==> flow/design.v <==
module ex_registers_blk #(
   parameter DEPTH = 8,
   parameter DW = 12,
   parameter AW = $clog2(DEPTH)
) (
   input  core_clk,
   input  we,
   input  [AW-1:0] wa,
   input  [DW-1:0] wdata,
   input  [AW-1:0] ra_a,
   input  [AW-1:0] ra_b,
   output reg [DW-1:0] dout_a,
   output reg [DW-1:0] dout_b
);
   reg we_r;
   reg [AW-1:0] wa_r;
   reg [DW-1:0] wdata_r;
   reg [DW-1:0] bank [0:DEPTH-1];
   always @(posedge core_clk) begin
      if (we_r)
         bank[wa_r] <= wdata_r;
   end
   reg [AW-1:0] ra_a_r;
   reg [AW-1:0] ra_b_r;
   always @(posedge core_clk) begin
      we_r <= we;
      wa_r <= wa;
      wdata_r <= wdata;
      ra_a_r <= ra_a;
      ra_b_r <= ra_b;
      dout_a <= (we_r && wa_r == ra_a_r) ? wdata_r : bank[ra_a_r];
      dout_b <= (we_r && wa_r == ra_b_r) ? wdata_r : bank[ra_b_r];
   end
endmodule
Memo
Re: synthesis data of ex_registers_blk

== Reports on ex_registers_blk ==
Tool output for the members of one design family, told apart by "DEPTH", in the order of the flow.
The RTL above is that of DEPTH=8; lines are counted from 1 in the file of the member named.
Library cell names are shortened.
A cell with - has no value.

* Top: ex_registers_blk
* Clock: core_clk
* Standard-cell library: sky130hd
* Library corner: tt_025C_1v80

== Source of the members ==
New or changed lines of each further member against the RTL above, in its own file; lines it lacks are not shown.

{| class="wikitable"
|+ Lines new or changed
! DEPTH !! line !! text
|-
| 10 || 2 || <nowiki>parameter DEPTH = 10,</nowiki>
|-
| 12 || 2 || <nowiki>parameter DEPTH = 12,</nowiki>
|-
| 24 || 2 || <nowiki>parameter DEPTH = 24,</nowiki>
|-
| 32 || 2 || <nowiki>parameter DEPTH = 32,</nowiki>
|-
| 40 || 2 || <nowiki>parameter DEPTH = 40,</nowiki>
|-
| 96 || 2 || <nowiki>parameter DEPTH = 96,</nowiki>
|}

== After elaboration ==
Counts by Yosys on the flattened word-level netlist (proc, flatten, opt, wreduce; memories kept). Register bits leave out memories and registers merged into their read ports (data or address); mux counts leave out enables and synchronous resets folded into registers. Print and check cells are left out. Cells with the same type and inputs are merged into one.
Yosys's memory passes give these memory sizes; they may raise the number of words (mostly to a power of two), join words into wider ones and drop unused or constant bits.

{| class="wikitable"
|+ Bit counts
! DEPTH !! word-level cells !! clocked read ports x word width !! output and inout port bits !! register bits after elaboration !! input port bits !! memories !! bits in writable memories
|-
| 8 || 9 || 24 || 24 || 22 || 23 || 1 || 96
|-
| 10 || 9 || 24 || 24 || 25 || 26 || 1 || 120
|-
| 12 || 9 || 24 || 24 || 25 || 26 || 1 || 144
|-
| 24 || 9 || 24 || 24 || 28 || 29 || 1 || 288
|-
| 32 || 9 || 24 || 24 || 28 || 29 || 1 || 384
|-
| 40 || 9 || 24 || 24 || 31 || 32 || 1 || 480
|-
| 96 || 9 || 24 || 24 || 34 || 35 || 1 || 1152
|}

{| class="wikitable"
|+ Memories
! DEPTH !! words x width with read and write ports
|-
| 8 || bank 8 x 12 bit 2R1W
|-
| 10 || bank 10 x 12 bit 2R1W
|-
| 12 || bank 12 x 12 bit 2R1W
|-
| 24 || bank 24 x 12 bit 2R1W
|-
| 32 || bank 32 x 12 bit 2R1W
|-
| 40 || bank 40 x 12 bit 2R1W
|-
| 96 || bank 96 x 12 bit 2R1W
|}

{| class="wikitable"
|+ Cells by class
! DEPTH !! mux-type cells
|-
| 8 || 3
|-
| 10 || 3
|-
| 12 || 3
|-
| 24 || 3
|-
| 32 || 3
|-
| 40 || 3
|-
| 96 || 3
|}

{| class="wikitable"
|+ Operators with widths
! DEPTH !! kinds with counts
|-
| 8 || 1 x two-way mux 12 bit; 1 x two-way mux 3 bit; 1 x two-way mux 1 bit
|-
| 10 || 1 x two-way mux 12 bit; 1 x two-way mux 4 bit; 1 x two-way mux 1 bit
|-
| 12 || 1 x two-way mux 12 bit; 1 x two-way mux 4 bit; 1 x two-way mux 1 bit
|-
| 24 || 1 x two-way mux 12 bit; 1 x two-way mux 5 bit; 1 x two-way mux 1 bit
|-
| 32 || 1 x two-way mux 12 bit; 1 x two-way mux 5 bit; 1 x two-way mux 1 bit
|-
| 40 || 1 x two-way mux 12 bit; 1 x two-way mux 6 bit; 1 x two-way mux 1 bit
|-
| 96 || 1 x two-way mux 12 bit; 1 x two-way mux 7 bit; 1 x two-way mux 1 bit
|}

== Logic depth ==
Longest topological path by Yosys (ltp), each cell counted once; first at word level (registers and memories cut), then after technology mapping (sequential cells cut; the memories' decode and read muxes count).

{| class="wikitable"
|+ Logic depth
! DEPTH !! word-level depth !! ABC_AREA !! depth in mapped cells !! depth with buffers taken out
|-
| 8 || 1 || 0 || 4 || 2
|-
| 10 || 1 || 0 || 5 || 3
|-
| 12 || 1 || 0 || 6 || 3
|-
| 24 || 1 || 0 || 8 || 4
|-
| 32 || 1 || 0 || 8 || 5
|-
| 40 || 1 || 0 || 8 || 5
|-
| 96 || 1 || 0 || 10 || 5
|}

== Mapped cells and area ==
The flow's flattened synthesis, as Yosys stat reports it; memories are mapped. The netlist is that of the ABC_AREA named above (0 if unset); the other value can give another one.
The area totals of this step are shown rounded.

{| class="wikitable"
|+ Mapped netlist
! DEPTH !! sequential area (µm²) !! mapped flip-flops !! chip area (Yosys) (µm²) !! mapped cells !! buffers
|-
| 8 || 3400 || 124 || 5100 || 223 || 14
|-
| 10 || 4300 || 153 || 6600 || 419 || 26
|-
| 12 || 5000 || 177 || 7400 || 391 || 24
|-
| 24 || 9400 || 326 || 14000 || 789 || 60
|-
| 32 || 12000 || 422 || 19000 || 1320 || 95
|-
| 40 || 15000 || 523 || 24000 || 1482 || 111
|-
| 96 || 36000 || 1200 || 55000 || 2801 || 207
|}

{| class="wikitable"
|+ Cells by type
! DEPTH !! types with counts
|-
| 8 || 96 x edfxtp_1; 42 x mux4_1; 28 x dfxtp_1; 24 x mux2_2; 6 x mux4_2; 6 x buf_6; 6 x nor2_1; 4 x buf_2; 3 x nand2b_1; 4 x clkbuf_1; 2 x nor3_1; 2 x nand2_1
|-
| 10 || 120 x edfxtp_1; 72 x mux2_2; 33 x dfxtp_1; 48 x mux2i_1; 24 x a22o_1; 13 x o31ai_2; 24 x o22ai_1; 27 x nand2_1; 8 x buf_6; 11 x o31ai_1; 4 x buf_12; 11 x clkbuf_1; 9 x nor2_1; 4 x nand2b_1; 3 x buf_2; 2 x nand3b_1; 3 x nor3_1; 2 x nor2b_1; 1 x or3b_2
|-
| 12 || 144 x edfxtp_1; 48 x mux4_2; 33 x dfxtp_1; 48 x mux2_2; 24 x mux2i_1; 12 x a22o_1; 12 x o31ai_1; 12 x o22ai_1; 12 x buf_2; 14 x nand2_1; 10 x clkbuf_1; 10 x nor2_1; 3 x nand2b_1; 2 x buf_4; 2 x nand3b_1; 3 x nor3_1; 1 x or3b_2; 1 x nor2b_1
|-
| 24 || 288 x edfxtp_1; 96 x mux4_2; 120 x mux2i_1; 38 x dfxtp_1; 24 x a2bb2oi_1; 24 x o311ai_1; 24 x a22oi_1; 24 x o211ai_1; 25 x nand3_1; 9 x buf_6; 25 x nand2_1; 25 x nor2_1; 18 x buf_2; 19 x clkbuf_1; 9 x buf_4; 4 x buf_8; 5 x nor2b_1; 4 x nand3b_1; [+8]
|-
| 32 || 384 x edfxtp_1; 384 x mux2i_1; 38 x dfxtp_1; 96 x a22oi_1; 48 x a22o_1; 16 x buf_12; 50 x nand3_1; 48 x a21oi_1; 49 x nand2_1; 24 x a31oi_1; 24 x nand4_1; 28 x buf_2; 35 x nor2_1; 11 x buf_6; 24 x nor3_1; 13 x buf_4; 21 x clkbuf_1; 4 x buf_8; [+23]
|-
| 40 || 480 x edfxtp_1; 384 x mux2i_1; 48 x mux4_2; 43 x dfxtp_1; 48 x a221oi_2; 96 x a22oi_1; 48 x a22o_1; 24 x o41ai_2; 24 x mux2_2; 48 x a21oi_1; 22 x buf_4; 43 x nor2_1; 42 x clkbuf_1; 10 x buf_8; 24 x o22ai_1; 12 x buf_6; 33 x nand2_1; 15 x buf_2; [+38]
|-
| 96 || 1152 x edfxtp_1; 569 x mux4_2; 151 x mux2i_1; 48 x dfxtp_1; 135 x nand2_1; 129 x nor2_1; 86 x buf_2; 76 x nand3_1; 39 x buf_4; 35 x a22oi_1; 40 x o22ai_1; 59 x clkbuf_1; 43 x o21ai_0; 20 x a32oi_1; 19 x a221oi_1; 23 x nor2b_1; 12 x mux2_2; 15 x a211oi_1; [+150]
|}

The mark [+n] counts cells that are not listed.

== Timing after synthesis ==
Source: OpenSTA report_checks on the synthesized netlist (no wires, ideal clock, input and output delay 20% of the period each), path of least setup slack; recovery checks are left aside. Register names are those of the netlist, which keeps one name where synthesis merged equal registers.

{| class="wikitable"
|+ Path after synthesis
! DEPTH !! path kind !! start point !! end point !! path delay (ps) !! period (ps) !! setup slack (ps) !! stages on the path !! synthesis period reached (ps)
|-
| 8 || register to output || reg (no name shown) || out dout_b[10] || 1397 || 2180 || 347 || 5 || 1833
|-
| 10 || register to register || reg we_r || mem bank[0][0] || 2078 || 2600 || 522 || 3 || 2078
|-
| 12 || register to output || reg (no name shown) || out dout_b[10] || 1669 || 2610 || 419 || 5 || 2191
|-
| 24 || register to output || reg (no name shown) || out dout_b[10] || 1488 || 2330 || 376 || 6 || 1954
|-
| 32 || register to register || reg we_r || mem bank[0][0] || 1890 || 2360 || 470 || 4 || 1890
|-
| 40 || register to output || reg (no name shown) || out dout_a[0] || 1691 || 2640 || 421 || 7 || 2219
|-
| 96 || register to output || reg (no name shown) || out dout_a[7] || 1969 || 3080 || 495 || 10 || 2585
|}

"path delay" = arrival - input delay + setup time.
At an output port there is no setup time.
"stages on the path": output pins that drive a net of the path, with the launching flip-flop's if there is one; two outputs of one cell count as two.
"synthesis period reached" = period - worst setup slack (recovery checks aside). The figure is calculated, with input and output delays left at 20% of the set period.

{| class="wikitable"
|+ Ends and longest elaborated chain, after synthesis, DEPTH=8
! what !! line !! text
|-
| end, declared || 13 || <nowiki>output reg [DW-1:0] dout_b</nowiki>
|}

DEPTH=8: Chain of elaborated cells between the ends: none given.

{| class="wikitable"
|+ Ends and longest elaborated chain, after synthesis, DEPTH=96
! what !! line !! text
|-
| end, declared || 12 || <nowiki>output reg [DW-1:0] dout_a,</nowiki>
|}

DEPTH=96: Chain of elaborated cells between the ends: none given.

== Worst path after layout ==
From the final timing report of each member's run: the path of least setup slack in the routed layout; clock arrival at registers is part of the times.
The path's times are printed in steps of 10 ps; the period is the one set.

{| class="wikitable"
|+ Path after layout
! DEPTH !! path kind !! start point !! end point !! buffers on the path !! setup slack (ps) !! arrival (ps) !! stages on the path !! period (ps)
|-
| 8 || register to output || reg (no name shown) || out dout_a[3] || 3 || -260 || 2010 || 6 || 2180
|-
| 10 || register to output || reg (no name shown) || out dout_b[11] || 2 || 40 || 2040 || 6 || 2600
|-
| 12 || register to output || reg (no name shown) || out dout_b[4] || 3 || -160 || 2250 || 6 || 2610
|-
| 24 || register to output || reg (no name shown) || out dout_a[5] || 5 || -570 || 2440 || 9 || 2330
|-
| 32 || register to output || reg (no name shown) || out dout_b[6] || 5 || -560 || 2450 || 10 || 2360
|-
| 40 || register to output || reg (no name shown) || out dout_b[5] || 5 || -690 || 2810 || 11 || 2640
|-
| 96 || register to output || reg (no name shown) || out dout_a[7] || 6 || -960 || 3430 || 12 || 3080
|}

== Flow runs ==
Settings and results of one run of the flow (Yosys, OpenROAD) for each member follow. The constraints put input and output delay at 20% of the set period each and load the outputs with 0.01 pF.

* CAP_MARGIN: 20
* CORE_MARGIN: 2
* CORE_UTILIZATION: 40
* SLEW_MARGIN: 20

{| class="wikitable"
|+ Settings by member
! DEPTH !! period_ns
|-
| 8 || 2.18
|-
| 10 || 2.6
|-
| 12 || 2.61
|-
| 24 || 2.33
|-
| 32 || 2.36
|-
| 40 || 2.64
|-
| 96 || 3.08
|}

{| class="wikitable"
|+ Measured results
! DEPTH !! overall power (µW) !! worst setup slack after layout (ps) !! Yosys chip area after synthesis (µm²) !! overall die area (µm²) !! lowest hold slack (ps) !! standard-cell area of the final layout (µm²) !! period reached (ps)
|-
| 8 || 6000 || -260 || 5100 || 14000 || 320 || 6700 || 2442
|-
| 10 || 5700 || 45 || 6600 || 18000 || 330 || 8200 || 2555
|-
| 12 || 6500 || -160 || 7400 || 20000 || 330 || 9400 || 2768
|-
| 24 || 14000 || -570 || 14000 || 37000 || 320 || 19000 || 2901
|-
| 32 || 18000 || -560 || 19000 || 50000 || 330 || 26000 || 2923
|-
| 40 || 20000 || -690 || 24000 || 63000 || 330 || 31000 || 3335
|-
| 96 || 38000 || -960 || 55000 || 140000 || 270 || 70000 || 4044
|}

"period reached" is the run's clock period less its worst setup slack. It is reckoned from that one timing run; input and output delays stay at 20% of the period that was set.
"overall power": no workload was simulated; the value follows from the tool's default switching activity.
The measured numbers are rounded.
